==> flow/design.v <==
module cpu_switch_blk (clock, in_src, in_addr, out_z_o);
  parameter integer DWIDTH = 6;
  parameter integer COUNT = 7;
  localparam integer SEL_W = $clog2(COUNT);
  input clock;
  input [COUNT*DWIDTH-1:0] in_src;
  input [SEL_W-1:0] in_addr;
  output reg [DWIDTH-1:0] out_z_o;
  wire [COUNT-1:0] dec = {{(COUNT-1){1'b0}}, 1'b1} << in_addr;
  reg [DWIDTH-1:0] work;
  integer t;
  always @* begin
    work = 0;
    for (t = 0; t < COUNT; t = t + 1)
      work = work | (in_src[t*DWIDTH +: DWIDTH] & {DWIDTH{dec[t]}});
  end
  always @(posedge clock) begin
    out_z_o <= work;
  end
endmodule
Reports on cpu_switch_blk
Tool output for the design above, in the order of the flow.
Line numbers count from 1 in the design file above.
Operators: Yosys type, input widths -> output width; for muxes data width and select width s.
Library cell names are shortened.
{"block": "inputs", "design": "cpu_switch_blk", "clock_port": "clock", "lib": "sky130hd", "lib_corner": "tt_025C_1v80"}

Word level
Counts by Yosys on the flattened word-level netlist (proc, flatten, opt, wreduce; memories kept). Register bits leave out memories and registers merged into their read ports (data or address); mux counts leave out enables and synchronous resets folded into registers. Print and check cells are left out. Cells with the same type and inputs are merged into one.
{"block": "word_totals", "reg_bits": 6, "in_bits": 46, "output_inout_bits": 6, "word_cells": 15}
{"block": "classes", "shift": 1, "n_logic": 13}
{"block": "ops", "operator": "$and 6x6->6", "count": 7}
{"block": "ops", "operator": "$or 6x6->6", "count": 6}
{"block": "ops", "operator": "$shl 1x3->7 const A", "count": 1}

Depth
Depth = most cells in a row (Yosys ltp): at word level without a register or memory, in the mapped netlist without a sequential cell, where the memories' decode and read muxes count.
{"block": "logic_depth", "word_depth": 8, "abc_area": 0, "ltp_mapped": 5, "depth_no_buf": 3}

Netlist
Source: synth_stat.txt of the flow (Yosys; design flattened, memories mapped). It holds for the ABC_AREA given above (unset counts as 0); a run with the other value may have another netlist.
Totals and module areas in this step are rounded.
{"block": "types", "type": "mux2i_1", "count": 15, "area_total_um2": 150.144}
{"block": "types", "type": "dfxtp_1", "count": 6, "area_total_um2": 120.115}
{"block": "types", "type": "nor2b_1", "count": 4, "area_total_um2": 25.024}
{"block": "types", "type": "buf_6", "count": 2, "area_total_um2": 22.522}
{"block": "types", "type": "nand3b_1", "count": 3, "area_total_um2": 22.522}
{"block": "types", "type": "buf_12", "count": 1, "area_total_um2": 20.019}
{"block": "types", "type": "o211a_1", "count": 2, "area_total_um2": 20.019}
{"block": "types", "type": "a22o_1", "count": 2, "area_total_um2": 17.517}
{"block": "types", "type": "a221oi_2", "count": 1, "area_total_um2": 15.014}
{"block": "types", "type": "mux2_4", "count": 1, "area_total_um2": 15.014}
{"block": "types", "type": "a31oi_1", "count": 2, "area_total_um2": 12.512}
{"block": "types", "type": "or2_1", "count": 2, "area_total_um2": 12.512}
{"block": "types", "type": "mux2_2", "count": 1, "area_total_um2": 11.261}
{"block": "types", "type": "nand2_1", "count": 3, "area_total_um2": 11.261}
{"block": "types", "type": "a221o_1", "count": 1, "area_total_um2": 10.01}
{"block": "types", "type": "buf_2", "count": 2, "area_total_um2": 10.01}
{"block": "types", "type": "a221oi_1", "count": 1, "area_total_um2": 8.758}
{"block": "types", "type": "a32oi_1", "count": 1, "area_total_um2": 8.758}
Not listed: further types 6, cells in them 6.
{"block": "mapped", "mapped_cells": 56, "area_um2": 546.8, "seq_area_um2": 120.1, "flip_flops": 6, "buffers": 5}

Path before layout
OpenSTA on the mapped netlist: ideal clock, no wires. The path of least setup slack (recovery checks aside). Input and output delay are each 20% of the period. Register names are those of the netlist, which keeps one name where synthesis merged equal registers.
{"block": "synth_timing", "kind": "input -> register", "start": "input port in_addr[2]", "end": "register out_z_o[5]", "period_ps": 1320, "in_delay_ps": 264, "setup_time_ps": 122, "launch_ps": 264, "arrival_time_ps": 987, "required_ps": 1198, "path_slack_ps": 211, "path_delay_ps": 845, "driving_pins": 3, "path_buffers": 1, "synth_period_reached_ps": 1109}
"path_delay_ps" is the arrival time less input delay plus setup time.
"driving_pins": output pins that drive a net of the path, with the launching flip-flop's if there is one; two outputs of one cell count as two.
"synth_period_reached_ps" is the clock period less the worst setup slack; recovery checks do not enter. This is arithmetic on one report: input and output delays are still those of the set period (20% each).
Between the ends stands the longest chain of elaborated cells between them, by number of cells; it is not shown to be the way that was timed. Of several equally long chains one is given.
Each line given opens the expression or statement behind the cell; cells for indexed reads and writes are added by Yosys, which also makes memories of some case tables.
{"block": "synth_between", "cell_sequence": "buf_6 -> mux2_4 -> a221o_1", "elab_chain_cells": 8, "cells_between": 14, "cone_lines": 2, "cone_classes": "shift: 1; logic: 13"}
{"block": "synth_lines", "item": "from (decl)", "line_no": 7, "text": "input [SEL_W-1:0] in_addr;"}
{"block": "synth_lines", "item": "$shl 1x3->7", "line_no": 9, "text": "wire [COUNT-1:0] dec = {{(COUNT-1){1'b0}}, 1'b1} << in_addr;"}
{"block": "synth_lines", "item": "$and 6x6->6", "line_no": 15, "text": "work = work | (in_src[t*DWIDTH +: DWIDTH] & {DWIDTH{dec[t]}});"}
{"block": "synth_lines", "item": "$or 6x6->6 x6", "line_no": 15}
{"block": "synth_lines", "item": "to (assign)", "line_no": 18, "text": "out_z_o <= work;"}
{"block": "synth_lines", "item": "to (decl)", "line_no": 8, "text": "output reg [DWIDTH-1:0] out_z_o;"}

Path in the finished layout
Path of least setup slack in the final report of record 1 (OpenROAD, finished layout, wires in). Where an end is a register, its clock arrival counts in the times.
The path's times are printed in steps of 10 ps; the period is the one set.
{"block": "layout_timing", "kind": "input -> register", "start": "input port in_addr[1]", "end": "register out_z_o[2]", "period_ps": 1320, "in_delay_ps": 260, "setup_time_ps": 110, "launch_ps": 260, "arrival_time_ps": 1430, "required_ps": 1460, "path_slack_ps": 30, "driving_pins": 4, "path_buffers": 1}
Between the ends stands the longest chain of elaborated cells between them, by number of cells; it is not shown to be the way that was timed. Of several equally long chains one is given.
{"block": "layout_between", "cell_sequence": "clkdlybuf4s50_1 -> nor2b_1 -> a22o_1 -> a31oi_1", "elab_chain_cells": 8, "cells_between": 14, "cone_lines": 2, "cone_classes": "shift: 1; logic: 13"}
{"block": "layout_lines", "item": "from (decl)", "line_no": 7, "text": "input [SEL_W-1:0] in_addr;"}
{"block": "layout_lines", "item": "$shl 1x3->7", "line_no": 9, "text": "wire [COUNT-1:0] dec = {{(COUNT-1){1'b0}}, 1'b1} << in_addr;"}
{"block": "layout_lines", "item": "$and 6x6->6", "line_no": 15, "text": "work = work | (in_src[t*DWIDTH +: DWIDTH] & {DWIDTH{dec[t]}});"}
{"block": "layout_lines", "item": "$or 6x6->6 x6", "line_no": 15}
{"block": "layout_lines", "item": "to (assign)", "line_no": 18, "text": "out_z_o <= work;"}
{"block": "layout_lines", "item": "to (decl)", "line_no": 8, "text": "output reg [DWIDTH-1:0] out_z_o;"}

Wiki page: cpu_switch_blk / flow data

cpu_switch_blk through Yosys and OpenROAD on sky130hd: 3 stored runs, unordered, with their settings and measured results. The constraints put input and output delay at 20% of the set period each and load the outputs with 0.01 pF.
By "achievedPeriod_ps" is meant the clock period of the run minus its worst setup slack. This is arithmetic on one report: input and output delays are still those of the set period (20% each).
"worst_path_allowed_less_slack_ps" is the time allowed to the run's worst setup path (the clock period less input and output delay, where it has them) less its slack. Clock arrival times count: a late capture clock shortens it, a late launch clock lengthens it.
"final_power_w": no workload was simulated; the value follows from the tool's default switching activity.
"worst_path_allowed_less_slack_ps" is given in steps of 10 ps.
Measured values are rounded.

Record 1
==> flow/run.sh <==
#!/bin/bash
# the make line also repeats the synthesis and layout settings of config.mk as NAME=value (left out here)
make -C /OpenROAD-flow-scripts/flow DESIGN_CONFIG=/design/flow/config.mk WORK_HOME=/design/flow/orfs CLKGATE_MAP_FILE= finish
==> flow/config.mk <==
export PLATFORM = sky130hd
export DESIGN_NAME = cpu_switch_blk
export DESIGN_NICKNAME = cpu_switch_blk
export VERILOG_FILES = /design/flow/design.v
export SDC_FILE = /design/flow/constraint.sdc
export NUM_CORES = 4
export LEC_CHECK = 0
export CAP_MARGIN = 20
export CORE_MARGIN = 2
export CORE_UTILIZATION = 40
export SLEW_MARGIN = 20
==> flow/constraint.sdc <==
create_clock -name core_clock -period 1.32 [get_ports {clock}]
set_input_delay 0.2640 -clock core_clock [delete_from_list [all_inputs] [get_ports {clock}]]
set_output_delay 0.2640 -clock core_clock [all_outputs]
set_load 0.01 [all_outputs]

==> results of record 1, as JSON <==
{
  "worst_path_allowed_less_slack_ps": 1030,
  "critical_path_kind": "input -> register",
  "yosys_chip_area_um2": 546.8,
  "finalUtil_pct": 85.7,
  "die_footprint_um2": 1679,
  "holdWs_ps": 574,
  "achievedPeriod_ps": 1293,
  "worst_setup_slack_ps": 27,
  "finalCellArea_um2": 1101,
  "final_power_w": 0.0006908,
  "fin_tns_ps": 0
}

Record 2
==> flow/run.sh <==
#!/bin/bash
# the make line also repeats the synthesis and layout settings of config.mk as NAME=value (left out here)
make -C /OpenROAD-flow-scripts/flow DESIGN_CONFIG=/design/flow/config.mk WORK_HOME=/design/flow/orfs CLKGATE_MAP_FILE= finish
==> flow/config.mk <==
export PLATFORM = sky130hd
export DESIGN_NAME = cpu_switch_blk
export DESIGN_NICKNAME = cpu_switch_blk
export VERILOG_FILES = /design/flow/design.v
export SDC_FILE = /design/flow/constraint.sdc
export NUM_CORES = 4
export LEC_CHECK = 0
export CAP_MARGIN = 20
export CORE_ASPECT_RATIO = 0.81
export CORE_MARGIN = 2
export CORE_UTILIZATION = 51
export CTS_CLUSTER_SIZE = 85
export SETUP_SLACK_MARGIN = 0.01
export SLEW_MARGIN = 30
export TNS_END_PERCENT = 10
==> flow/constraint.sdc <==
create_clock -name core_clock -period 0.897 [get_ports {clock}]
set_input_delay 0.1794 -clock core_clock [delete_from_list [all_inputs] [get_ports {clock}]]
set_output_delay 0.1794 -clock core_clock [all_outputs]
set_load 0.01 [all_outputs]

==> results of record 2, as JSON <==
{
  "outcome": "not finished: floorplanning ended with error PDN-0185"
}

Record 3
==> flow/run.sh <==
#!/bin/bash
# the make line also repeats the synthesis and layout settings of config.mk as NAME=value (left out here)
make -C /OpenROAD-flow-scripts/flow DESIGN_CONFIG=/design/flow/config.mk WORK_HOME=/design/flow/orfs CLKGATE_MAP_FILE= finish
==> flow/config.mk <==
export PLATFORM = sky130hd
export DESIGN_NAME = cpu_switch_blk
export DESIGN_NICKNAME = cpu_switch_blk
export VERILOG_FILES = /design/flow/design.v
export SDC_FILE = /design/flow/constraint.sdc
export NUM_CORES = 4
export LEC_CHECK = 0
export CAP_MARGIN = 20
export CELL_PAD_IN_SITES_DETAIL_PLACEMENT = 1
export CELL_PAD_IN_SITES_GLOBAL_PLACEMENT = 1
export CORE_MARGIN = 2
export CORE_UTILIZATION = 30
export GPL_ROUTABILITY_DRIVEN = 0
export MAX_ROUTING_LAYER = met4
export PLACE_DENSITY_LB_ADDON = 0.12
export SLEW_MARGIN = 40
export TNS_END_PERCENT = 25
==> flow/constraint.sdc <==
create_clock -name core_clock -period 0.912 [get_ports {clock}]
set_input_delay 0.1824 -clock core_clock [delete_from_list [all_inputs] [get_ports {clock}]]
set_output_delay 0.1824 -clock core_clock [all_outputs]
set_load 0.01 [all_outputs]

==> results of record 3, as JSON <==
{
  "worst_path_allowed_less_slack_ps": 750,
  "critical_path_kind": "input -> register",
  "yosys_chip_area_um2": 546.8,
  "finalUtil_pct": 65.4,
  "die_footprint_um2": 2180,
  "holdWs_ps": 378,
  "achievedPeriod_ps": 934,
  "worst_setup_slack_ps": -22,
  "finalCellArea_um2": 1129,
  "final_power_w": 0.001002,
  "fin_tns_ps": -22
}
